==> flow/design.v <==
module gen_order_rtl #(
    parameter XLEN = 12,
    parameter LANES = 7
) (
    input logic CLK,
    input logic srst,
    input logic [LANES*XLEN-1:0] i_ch,
    output logic [XLEN-1:0] o_high
);
    logic [LANES*XLEN-1:0] ch_reg;
    always_ff @(posedge CLK or posedge srst) begin
        if (srst) begin
            ch_reg <= '0;
        end else begin
            ch_reg <= i_ch;
        end
    end
    logic [XLEN-1:0] val;
    always_comb begin
        val = ch_reg[XLEN-1:0];
        for (int idx = 1; idx < LANES; idx++)
            if (ch_reg[idx*XLEN +: XLEN] > val) val = ch_reg[idx*XLEN +: XLEN];
    end
    always_ff @(posedge CLK or posedge srst) begin
        if (srst) begin
            o_high <= '0;
        end else begin
            o_high <= val;
        end
    end
endmodule
======== Tool chain data of gen_order_rtl ========
Tool output for the design above, in the order of the flow.
Lines are those of the file above, counted from 1.
A cell with - has no value.
set-up
  top module .............................. gen_order_rtl
  clock ................................... CLK
  standard-cell library ................... sky130hd
  library corner .......................... tt_025C_1v80

======== After elaboration ========
Source: Yosys, flattened and elaborated, memories not mapped. Widths are those after wreduce; folded enables and synchronous resets count as part of the registers. Registers that Yosys merges into a memory's read port (data or address) are not register bits. Print and check cells do not count. Equal cells are merged and count once.
operators by class
  order comparisons ....................... 6
  mux-type cells .......................... 6
operators with widths
  operator                        number
  12-bit greater-than comparator  6
  12-bit two-way mux              6
word-level totals
  register bits ........................... 96

======== Depth ========
Yosys ltp: most cells in a row. Word level: on the elaborated netlist, between registers, memories and ports. Mapped: between sequential cells and ports; inverters and the memories' decode and read muxes count.
depth
  depth after elaboration ................. 12
  ABC_AREA ................................ 0
  depth in mapped cells ................... 70
  mapped depth without buffers ............ 64

======== Synthesis result ========
Yosys stat after the flow's synthesis: flattened, memories mapped to cells. It holds for the ABC_AREA given above (unset counts as 0); a run with the other value may have another netlist.
cell types
  cell type                  number
  sky130_fd_sc_hd__dfrtp_1   96
  sky130_fd_sc_hd__ha_1      65
  sky130_fd_sc_hd__a21oi_1   43
  sky130_fd_sc_hd__nor2_1    53
  sky130_fd_sc_hd__inv_1     52
  sky130_fd_sc_hd__nand4_1   25
  sky130_fd_sc_hd__o21ai_0   30
  sky130_fd_sc_hd__o31ai_2   11
  sky130_fd_sc_hd__mux2_2    11
  sky130_fd_sc_hd__nand2_1   31
  sky130_fd_sc_hd__a21o_1    10
  sky130_fd_sc_hd__a31oi_1   12
  sky130_fd_sc_hd__and2_1    12
  sky130_fd_sc_hd__nand2b_1  12
  sky130_fd_sc_hd__nor2b_1   12
  sky130_fd_sc_hd__o21a_1    7
  sky130_fd_sc_hd__clkbuf_1  12
  sky130_fd_sc_hd__nand3_1   9
Not listed: further types 52, cells in them 94.
synthesis totals
  mapped cells ............................ 597
  synthesis area .......................... 0.0058193 sq mm
  sequential part of the area ............. 0.0024023 sq mm
  mapped flip-flops ....................... 96

======== Worst setup path after synthesis ========
Source: OpenSTA report_checks on the synthesized netlist (no wires, ideal clock, input and output delay 20% of the period each), path of least setup slack; recovery checks are left aside. Register names are those of the netlist, which keeps one name where synthesis merged equal registers.
timing path after synthesis
  path kind ............................... register to register
  start ................................... register ch_reg[17]
  end ..................................... register o_high[10]
  period .................................. 15.4 ns
  setup time .............................. 0.082 ns
  data arrival time ....................... 12.263 ns
  data required time ...................... 15.318 ns
  path slack .............................. 3.055 ns
  delay of the path ....................... 12.345 ns
  stages on the path ...................... 67
  path buffers ............................ 10
  period reached after synthesis .......... 12.345 ns
"delay of the path" is the arrival time less input delay plus setup time.
"stages on the path" counts driving pins, that of a launching flip-flop among them; a cell with two outputs on the path counts twice.
"period reached after synthesis" is the clock period less the worst setup slack; recovery checks do not enter. This is arithmetic on one report: input and output delays are still those of the set period (20% each).
Between the ends stands the longest chain of elaborated cells between them, by number of cells; it is not shown to be the way that was timed. Of several equally long chains one is given.
A line is the first line of the expression or statement that the cell stems from. Yosys adds cells for indexed reads and writes and turns some case tables into memories.
on the way, after synthesis
  cells stage by stage .................... sky130_fd_sc_hd__dfrtp_1 > sky130_fd_sc_hd__ha_1 > sky130_fd_sc_hd__nand4_1 > sky130_fd_sc_hd__nor2_1 > sky130_fd_sc_hd__o2bb2ai_2 > sky130_fd_sc_hd__a31oi_2 > sky130_fd_sc_hd__clkbuf_1 > sky130_fd_sc_hd__clkbuf_1 > sky130_fd_sc_hd__nor2_1 > sky130_fd_sc_hd__a21oi_1 > sky130_fd_sc_hd__ha_1 > sky130_fd_sc_hd__a21o_1 > sky130_fd_sc_hd__a21o_1 > sky130_fd_sc_hd__a21o_1 > sky130_fd_sc_hd__a21oi_1 > sky130_fd_sc_hd__a21boi_1 > sky130_fd_sc_hd__o31ai_2 > sky130_fd_sc_hd__nand2_1 > (+31 left out) > sky130_fd_sc_hd__nand4_1 > sky130_fd_sc_hd__nor2_1 > sky130_fd_sc_hd__a311o_1 > sky130_fd_sc_hd__a21oi_1 > sky130_fd_sc_hd__nand2_1 > sky130_fd_sc_hd__nor2_1 > sky130_fd_sc_hd__clkbuf_1 > sky130_fd_sc_hd__o31ai_2 > sky130_fd_sc_hd__and2_1 > sky130_fd_sc_hd__ha_1 > sky130_fd_sc_hd__a21o_1 > sky130_fd_sc_hd__a21o_1 > sky130_fd_sc_hd__a21oi_1 > sky130_fd_sc_hd__o21ai_0 > sky130_fd_sc_hd__o22ai_1 > sky130_fd_sc_hd__clkbuf_1 > sky130_fd_sc_hd__nor2_1 > sky130_fd_sc_hd__a31oi_1
  cells in the longest elaborated chain ... 12
  elaborated cells between the ends (all ways) .. 12
  RTL lines with such cells ............... 1
  those cells by class .................... compare: 6; mux: 6
RTL lines, path after synthesis
  item                            RTL line  source
  start, declared                 10        logic [LANES*XLEN-1:0] ch_reg;
  start, assigned                 13        ch_reg <= '0;
  start, assigned                 15        ch_reg <= i_ch;
  12-bit greater-than comparator  22        if (ch_reg[idx*XLEN +: XLEN] > val) val = ch_reg[idx*XLEN +: XLEN];
  12-bit two-way mux              22
  12-bit greater-than comparator  22
  12-bit two-way mux              22
  12-bit greater-than comparator  22
  12-bit two-way mux              22
  12-bit greater-than comparator  22
  12-bit two-way mux              22
  12-bit greater-than comparator  22
  12-bit two-way mux              22
  12-bit greater-than comparator  22
  12-bit two-way mux              22
  end, assigned                   26        o_high <= '0;
  end, assigned                   28        o_high <= val;
  end, declared                   8         output logic [XLEN-1:0] o_high

======== Worst path after layout ========
Path of least setup slack in the final report of run A (OpenROAD, finished layout, wires in). Where an end is a register, its clock arrival counts in the times.
timing path after layout
  path kind ............................... register to register
  start ................................... register ch_reg[6]
  end ..................................... register o_high[6]
  period .................................. 15.4 ns
  setup time .............................. 0.10 ns
  data arrival time ....................... 14.24 ns
  data required time ...................... 15.66 ns
  path slack .............................. 1.41 ns
  stages on the path ...................... 59
  path buffers ............................ 1
Between the ends stands the longest chain of elaborated cells between them, by number of cells; it is not shown to be the way that was timed. Of several equally long chains one is given.
on the way, after layout
  cells stage by stage .................... sky130_fd_sc_hd__dfrtp_1 > sky130_fd_sc_hd__inv_1 > sky130_fd_sc_hd__ha_1 > sky130_fd_sc_hd__nand4_1 > sky130_fd_sc_hd__nor2_1 > sky130_fd_sc_hd__o2bb2ai_2 > sky130_fd_sc_hd__a31oi_4 > sky130_fd_sc_hd__a21oi_1 > sky130_fd_sc_hd__ha_1 > sky130_fd_sc_hd__and3_1 > sky130_fd_sc_hd__nand3_1 > sky130_fd_sc_hd__a211oi_1 > sky130_fd_sc_hd__o31ai_1 > sky130_fd_sc_hd__nor3_1 > sky130_fd_sc_hd__a21boi_1 > sky130_fd_sc_hd__o31ai_2 > sky130_fd_sc_hd__nand2_1 > sky130_fd_sc_hd__a21oi_1 > (+23 left out) > sky130_fd_sc_hd__nand4_1 > sky130_fd_sc_hd__nor2_1 > sky130_fd_sc_hd__a311o_1 > sky130_fd_sc_hd__a21oi_1 > sky130_fd_sc_hd__nand2_1 > sky130_fd_sc_hd__nor2_2 > sky130_fd_sc_hd__o31ai_2 > sky130_fd_sc_hd__and2_1 > sky130_fd_sc_hd__ha_1 > sky130_fd_sc_hd__nor2b_1 > sky130_fd_sc_hd__o21ai_0 > sky130_fd_sc_hd__nand2b_1 > sky130_fd_sc_hd__a21oi_1 > sky130_fd_sc_hd__nor2_1 > sky130_fd_sc_hd__o22ai_1 > sky130_fd_sc_hd__buf_4 > sky130_fd_sc_hd__inv_1 > sky130_fd_sc_hd__o31ai_1
  cells in the longest elaborated chain ... 12
  elaborated cells between the ends (all ways) .. 12
  RTL lines with such cells ............... 1
  those cells by class .................... compare: 6; mux: 6
RTL lines, path after layout
  item                            RTL line  source
  start, declared                 10        logic [LANES*XLEN-1:0] ch_reg;
  start, assigned                 13        ch_reg <= '0;
  start, assigned                 15        ch_reg <= i_ch;
  12-bit greater-than comparator  22        if (ch_reg[idx*XLEN +: XLEN] > val) val = ch_reg[idx*XLEN +: XLEN];
  12-bit two-way mux              22
  12-bit greater-than comparator  22
  12-bit two-way mux              22
  12-bit greater-than comparator  22
  12-bit two-way mux              22
  12-bit greater-than comparator  22
  12-bit two-way mux              22
  12-bit greater-than comparator  22
  12-bit two-way mux              22
  12-bit greater-than comparator  22
  12-bit two-way mux              22
  end, assigned                   26        o_high <= '0;
  end, assigned                   28        o_high <= val;
  end, declared                   8         output logic [XLEN-1:0] o_high

# Flow runs of gen_order_rtl

Measured data: module gen_order_rtl, platform sky130hd, 3 stored runs of the flow under differing settings, order arbitrary. Input and output delays are each 20% of the period that was set; the output load is 0.01 pF.
By "clock period achieved" is meant the clock period of the run minus its worst setup slack. This is arithmetic on one report: input and output delays are still those of the set period (20% each).
"worst path time" means the part of the period allowed to the worst setup path (the constraints hold back 20% at inputs and 20% at outputs) less its slack; where the path has registers, the arrival times of their clocks count too.
By "total power after layout" is meant OpenSTA's value without simulated activity: inputs other than the clock are taken to toggle once in ten clock periods, and the tool carries that through the logic.

======== run A ========
==> flow/run.sh <==
#!/bin/bash
# the make line also repeats the synthesis and layout settings of config.mk as NAME=value (left out here)
make -C /OpenROAD-flow-scripts/flow DESIGN_CONFIG=/design/flow/config.mk WORK_HOME=/design/flow/orfs CLKGATE_MAP_FILE= finish
==> flow/config.mk <==
export PLATFORM = sky130hd
export DESIGN_NAME = gen_order_rtl
export DESIGN_NICKNAME = gen_order_rtl
export VERILOG_FILES = /design/flow/design.v
export SDC_FILE = /design/flow/constraint.sdc
export NUM_CORES = 4
export LEC_CHECK = 0
export CAP_MARGIN = 20
export CORE_MARGIN = 2
export CORE_UTILIZATION = 40
export SLEW_MARGIN = 20
==> flow/constraint.sdc <==
create_clock -name core_clock -period 15.4 [get_ports {CLK}]
set_input_delay 3.0800 -clock core_clock [delete_from_list [all_inputs] [get_ports {CLK}]]
set_output_delay 3.0800 -clock core_clock [all_outputs]
set_load 0.01 [all_outputs]

-------- measured, run A --------
  lowest hold slack ....................... 0.512 ns
  worst slack on setup checks ............. 1.412 ns
  total negative slack on setup checks .... 0.000 ns
  full die area ........................... 0.0155289 sq mm
  total power after layout ................ 1139 µW
  standard-cell area of the final layout .. 0.0072507 sq mm
  worst path time ......................... 13.99 ns
  class of the worst setup path ........... register to register
  clock period achieved ................... 13.988 ns
  final utilization ....................... 50.5 %
  area of the synthesized netlist ......... 0.0058193 sq mm

======== run B ========
==> flow/run.sh <==
#!/bin/bash
# the make line also repeats the synthesis and layout settings of config.mk as NAME=value (left out here)
make -C /OpenROAD-flow-scripts/flow DESIGN_CONFIG=/design/flow/config.mk WORK_HOME=/design/flow/orfs CLKGATE_MAP_FILE= finish
==> flow/config.mk <==
export PLATFORM = sky130hd
export DESIGN_NAME = gen_order_rtl
export DESIGN_NICKNAME = gen_order_rtl
export VERILOG_FILES = /design/flow/design.v
export SDC_FILE = /design/flow/constraint.sdc
export NUM_CORES = 4
export LEC_CHECK = 0
export ABC_AREA = 1
export CAP_MARGIN = 35
export CELL_PAD_IN_SITES_GLOBAL_PLACEMENT = 3
export CORE_MARGIN = 2
export CORE_UTILIZATION = 40
export CTS_CLUSTER_DIAMETER = 159
export MIN_ROUTING_LAYER = met2
export SLEW_MARGIN = 10
==> flow/constraint.sdc <==
create_clock -name core_clock -period 15.9 [get_ports {CLK}]
set_input_delay 3.1800 -clock core_clock [delete_from_list [all_inputs] [get_ports {CLK}]]
set_output_delay 3.1800 -clock core_clock [all_outputs]
set_load 0.01 [all_outputs]

-------- run B --------
  no final report: placement broke off with GPL-0301

======== run C ========
==> flow/run.sh <==
#!/bin/bash
# the make line also repeats the synthesis and layout settings of config.mk as NAME=value (left out here)
make -C /OpenROAD-flow-scripts/flow DESIGN_CONFIG=/design/flow/config.mk WORK_HOME=/design/flow/orfs CLKGATE_MAP_FILE= finish
==> flow/config.mk <==
export PLATFORM = sky130hd
export DESIGN_NAME = gen_order_rtl
export DESIGN_NICKNAME = gen_order_rtl
export VERILOG_FILES = /design/flow/design.v
export SDC_FILE = /design/flow/constraint.sdc
export NUM_CORES = 4
export LEC_CHECK = 0
export ABC_AREA = 0
export CAP_MARGIN = 20
export CELL_PAD_IN_SITES_DETAIL_PLACEMENT = 1
export CORE_MARGIN = 6
export CORE_UTILIZATION = 33
export CTS_CLUSTER_SIZE = 71
export GPL_TIMING_DRIVEN = 1
export MAX_ROUTING_LAYER = met5
export PLACE_DENSITY_LB_ADDON = 0.05
export SETUP_SLACK_MARGIN = 0.81
export SLEW_MARGIN = 0
==> flow/constraint.sdc <==
create_clock -name core_clock -period 9.55 [get_ports {CLK}]
set_input_delay 1.9100 -clock core_clock [delete_from_list [all_inputs] [get_ports {CLK}]]
set_output_delay 1.9100 -clock core_clock [all_outputs]
set_load 0.01 [all_outputs]

-------- measured, run C --------
  lowest hold slack ....................... 0.549 ns
  worst slack on setup checks ............. -2.053 ns
  total power after layout ................ 3007 µW
  clock period achieved ................... 11.603 ns
  total negative slack on setup checks .... -24.162 ns
  final utilization ....................... 58.5 %
  area of the synthesized netlist ......... 0.0058193 sq mm
  worst path time ......................... 11.60 ns
  class of the worst setup path ........... register to register
  full die area ........................... 0.0209656 sq mm
  standard-cell area of the final layout .. 0.0100884 sq mm
